==> flow/design.v <==
module gen_sh_core_v2 #(
  parameter XLEN = 28,
  parameter SEL_W = $clog2(XLEN)
) (
  input  wire clk_i,
  input  wire [XLEN-1:0] ch_i,
  input  wire [SEL_W-1:0] n_i,
  output reg [XLEN-1:0] res_o
);
  reg [XLEN-1:0] t;
  integer k;
  always @* begin
    t = ch_i;
    for (k = 0; k < SEL_W; k = k + 1)
      if (n_i[k]) t = t << (1 << k);
  end
  always @(posedge clk_i)
    res_o <= t;
endmodule
Tool chain data of gen_sh_core_v2 --
Tool output for the design above, in the order of the flow. Lines are those of the file above, counted from 1. Operators carry their Yosys type and port widths (W data, S select, Z words). Cell names lack the library's common part. Not given: n/a
Inputs: top gen_sh_core_v2, clock port clk_i, library sky130hd, timing corner tt_025C_1v80

Word level --
Counts by Yosys on the flattened word-level netlist (proc, flatten, opt, wreduce; memories kept). Register bits leave out memories and registers merged into their read ports (data or address). Print and check cells are left out. Cells with the same type and inputs are merged into one.
Cells by class: multiplexer cells 5
Operator list (count):
- $mux W28 | 5
Storage and ports: flip-flop bits (word level) 28, word-level cells 7

Longest topological paths --
Longest topological path by Yosys (ltp), each cell counted once; first at word level (registers and memories cut), then after technology mapping (sequential cells cut; the memories' decode and read muxes count).
Depth: depth in word-level cells 5, ABC_AREA 0, mapped depth 7

Netlist --
Source: synth_stat.txt of the flow (Yosys; design flattened, memories mapped). It holds for the ABC_AREA given above (unset counts as 0); a run with the other value may have another netlist.
Synthesis totals: standard cells after synthesis 194, synthesis area 2127.0 µm², sequential area 560.5 µm², flip-flop cells 28
Cells by type:
- dfxtp_1 | count 28, total area 560.538 µm²
- mux4_2 | count 16, total area 360.346 µm²
- mux4_1 | count 8, total area 210.202 µm²
- mux2i_1 | count 20, total area 200.192 µm²
- mux2_2 | count 13, total area 146.39 µm²
- nor2_1 | count 19, total area 71.318 µm²
- a211oi_1 | count 9, total area 67.565 µm²
- nand2_1 | count 11, total area 41.29 µm²
- nand2b_1 | count 6, total area 37.536 µm²
- o221ai_1 | count 4, total area 35.034 µm²
- buf_6 | count 3, total area 33.782 µm²
- clkbuf_1 | count 8, total area 30.029 µm²
- buf_2 | count 5, total area 25.024 µm²
- o21ai_1 | count 4, total area 20.019 µm²
- nor2b_1 | count 3, total area 18.768 µm²
- o22ai_1 | count 3, total area 18.768 µm²
- or2_2 | count 3, total area 18.768 µm²
- a21oi_1 | count 3, total area 15.014 µm²
Not listed: further types 23, cells in them 28.

Worst setup path after synthesis --
OpenSTA on the mapped netlist: ideal clock, no wires. The path of least setup slack (recovery checks aside). Input and output delay are each 20% of the period. Register names are those of the netlist, which keeps one name where synthesis merged equal registers.
Timing post-synthesis: path type input -> register, start point input n_i[0], end point register res_o[25], clock period 2.2 ns, input delay 0.440 ns, data arrival time 1.727 ns, setup slack 0.353 ns, delay of the path 1.407 ns, driving pins on the path 5, synthesis period reached 1.847 ns
"delay of the path" is the arrival time less input delay plus setup time. "driving pins on the path": output pins that drive a net of the path, with the launching flip-flop's if there is one; two outputs of one cell count as two. "synthesis period reached" = period - worst setup slack (recovery checks aside). The figure is calculated, with input and output delays left at 20% of the set period. Between the ends stands the longest chain of elaborated cells between them, by number of cells; it is not shown to be the way that was timed. Of several equally long chains one is given. A line is the first line of the expression or statement that the cell stems from. Yosys adds cells for indexed reads and writes and turns some case tables into memories.
Between the ends, post-synthesis: cells stage by stage buf_6 mux4_2 mux2_4 nor2b_4 a211o_1, length of the longest elaborated chain 5
RTL lines, path post-synthesis:
- start: declaration | line 7 | input  wire [SEL_W-1:0] n_i,
- $mux W28 x5 | line 15 | if (n_i[k]) t = t << (1 << k);
- end: assignment | line 18 | res_o <= t;
- end: declaration | line 8 | output reg [XLEN-1:0] res_o

Path in the finished layout --
From the final timing report of job 1: the path of least setup slack in the routed layout; clock arrival at registers is part of the times.
Timing after layout: path type input -> register, start point input n_i[0], end point register res_o[25], clock period 1.16 ns, input delay 0.23 ns, data arrival time 1.64 ns, setup slack -0.31 ns, driving pins on the path 6
Between the ends stands the longest chain of elaborated cells between them, by number of cells; it is not shown to be the way that was timed. Of several equally long chains one is given.
Between the ends, after layout: cells stage by stage buf_12 buf_12 mux4_2 mux2_4 nor2b_4 a211o_1, length of the longest elaborated chain 5
RTL lines, path after layout:
- start: declaration | line 7 | input  wire [SEL_W-1:0] n_i,
- $mux W28 x5 | line 15 | if (n_i[k]) t = t << (1 << k);
- end: assignment | line 18 | res_o <= t;
- end: declaration | line 8 | output reg [XLEN-1:0] res_o

# Flow runs of gen_sh_core_v2

Design gen_sh_core_v2 on sky130hd. What follows are 3 stored runs of the flow, each under its own settings; their order means nothing. The constraints put input and output delay at 20% of the set period each and load the outputs with 0.01 pF.
"worst path time": the worst setup path's part of the clock period (all of it between registers, 20% less for each end at a port) less its slack. A launch clock that arrives late makes it longer, a capture clock that arrives late makes it shorter.
"total power after layout" is the tool's figure for a default switching activity; nothing was simulated.

[job 1] flow files
==> flow/run.sh <==
#!/bin/bash
# the make line also repeats the synthesis and layout settings of config.mk as NAME=value (left out here)
make -C /OpenROAD-flow-scripts/flow DESIGN_CONFIG=/design/flow/config.mk WORK_HOME=/design/flow/orfs CLKGATE_MAP_FILE= finish
==> flow/config.mk <==
export PLATFORM = sky130hd
export DESIGN_NAME = gen_sh_core_v2
export DESIGN_NICKNAME = gen_sh_core_v2
export VERILOG_FILES = /design/flow/design.v
export SDC_FILE = /design/flow/constraint.sdc
export NUM_CORES = 4
export LEC_CHECK = 0
export CAP_MARGIN = 20
export CELL_PAD_IN_SITES_DETAIL_PLACEMENT = 0
export CORE_MARGIN = 2
export CORE_UTILIZATION = 27
export CTS_CLUSTER_DIAMETER = 319
export CTS_CLUSTER_SIZE = 90
export MAX_ROUTING_LAYER = met5
export PLACE_DENSITY_LB_ADDON = 0.22
export SLEW_MARGIN = 20
==> flow/constraint.sdc <==
create_clock -name core_clock -period 1.16 [get_ports {clk_i}]
set_input_delay 0.2320 -clock core_clock [delete_from_list [all_inputs] [get_ports {clk_i}]]
set_output_delay 0.2320 -clock core_clock [all_outputs]
set_load 0.01 [all_outputs]

[job 1] result: utilization after layout 49.1 %; worst path time 1.24 ns; worst path kind input -> register; synthesis area 2127.0 µm²; worst hold slack in the final report 0.458 ns; total negative slack on setup checks -5.422 ns; total power after layout 3286 µW; die footprint 8603.5 µm²; smallest setup slack -0.310 ns

[job 2] flow files
==> flow/run.sh <==
#!/bin/bash
# the make line also repeats the synthesis and layout settings of config.mk as NAME=value (left out here)
make -C /OpenROAD-flow-scripts/flow DESIGN_CONFIG=/design/flow/config.mk WORK_HOME=/design/flow/orfs CLKGATE_MAP_FILE= finish
==> flow/config.mk <==
export PLATFORM = sky130hd
export DESIGN_NAME = gen_sh_core_v2
export DESIGN_NICKNAME = gen_sh_core_v2
export VERILOG_FILES = /design/flow/design.v
export SDC_FILE = /design/flow/constraint.sdc
export NUM_CORES = 4
export LEC_CHECK = 0
export CAP_MARGIN = 10
export CORE_MARGIN = 2
export CORE_UTILIZATION = 51
export GPL_ROUTABILITY_DRIVEN = 0
export MIN_ROUTING_LAYER = met1
export PLACE_DENSITY_LB_ADDON = 0.05
export SLEW_MARGIN = 15
==> flow/constraint.sdc <==
create_clock -name core_clock -period 1.68 [get_ports {clk_i}]
set_input_delay 0.3360 -clock core_clock [delete_from_list [all_inputs] [get_ports {clk_i}]]
set_output_delay 0.3360 -clock core_clock [all_outputs]
set_load 0.01 [all_outputs]

[job 2] result: utilization after layout 78.1 %; worst path time 1.36 ns; worst path kind input -> register; synthesis area 2127.0 µm²; worst hold slack in the final report 0.551 ns; total negative slack on setup checks -0.015 ns; total power after layout 2052 µW; die footprint 4703.2 µm²; smallest setup slack -0.015 ns

[job 3] flow files
==> flow/run.sh <==
#!/bin/bash
# the make line also repeats the synthesis and layout settings of config.mk as NAME=value (left out here)
make -C /OpenROAD-flow-scripts/flow DESIGN_CONFIG=/design/flow/config.mk WORK_HOME=/design/flow/orfs CLKGATE_MAP_FILE= finish
==> flow/config.mk <==
export PLATFORM = sky130hd
export DESIGN_NAME = gen_sh_core_v2
export DESIGN_NICKNAME = gen_sh_core_v2
export VERILOG_FILES = /design/flow/design.v
export SDC_FILE = /design/flow/constraint.sdc
export NUM_CORES = 4
export LEC_CHECK = 0
export CAP_MARGIN = 20
export CORE_MARGIN = 2
export CORE_UTILIZATION = 40
export SLEW_MARGIN = 20
==> flow/constraint.sdc <==
create_clock -name core_clock -period 2.2 [get_ports {clk_i}]
set_input_delay 0.4400 -clock core_clock [delete_from_list [all_inputs] [get_ports {clk_i}]]
set_output_delay 0.4400 -clock core_clock [all_outputs]
set_load 0.01 [all_outputs]

[job 3] result: utilization after layout 59.9 %; worst path time 1.60 ns; worst path kind input -> register; synthesis area 2127.0 µm²; worst hold slack in the final report 0.970 ns; total negative slack on setup checks 0.000 ns; total power after layout 1412 µW; die footprint 5916.7 µm²; smallest setup slack 0.160 ns
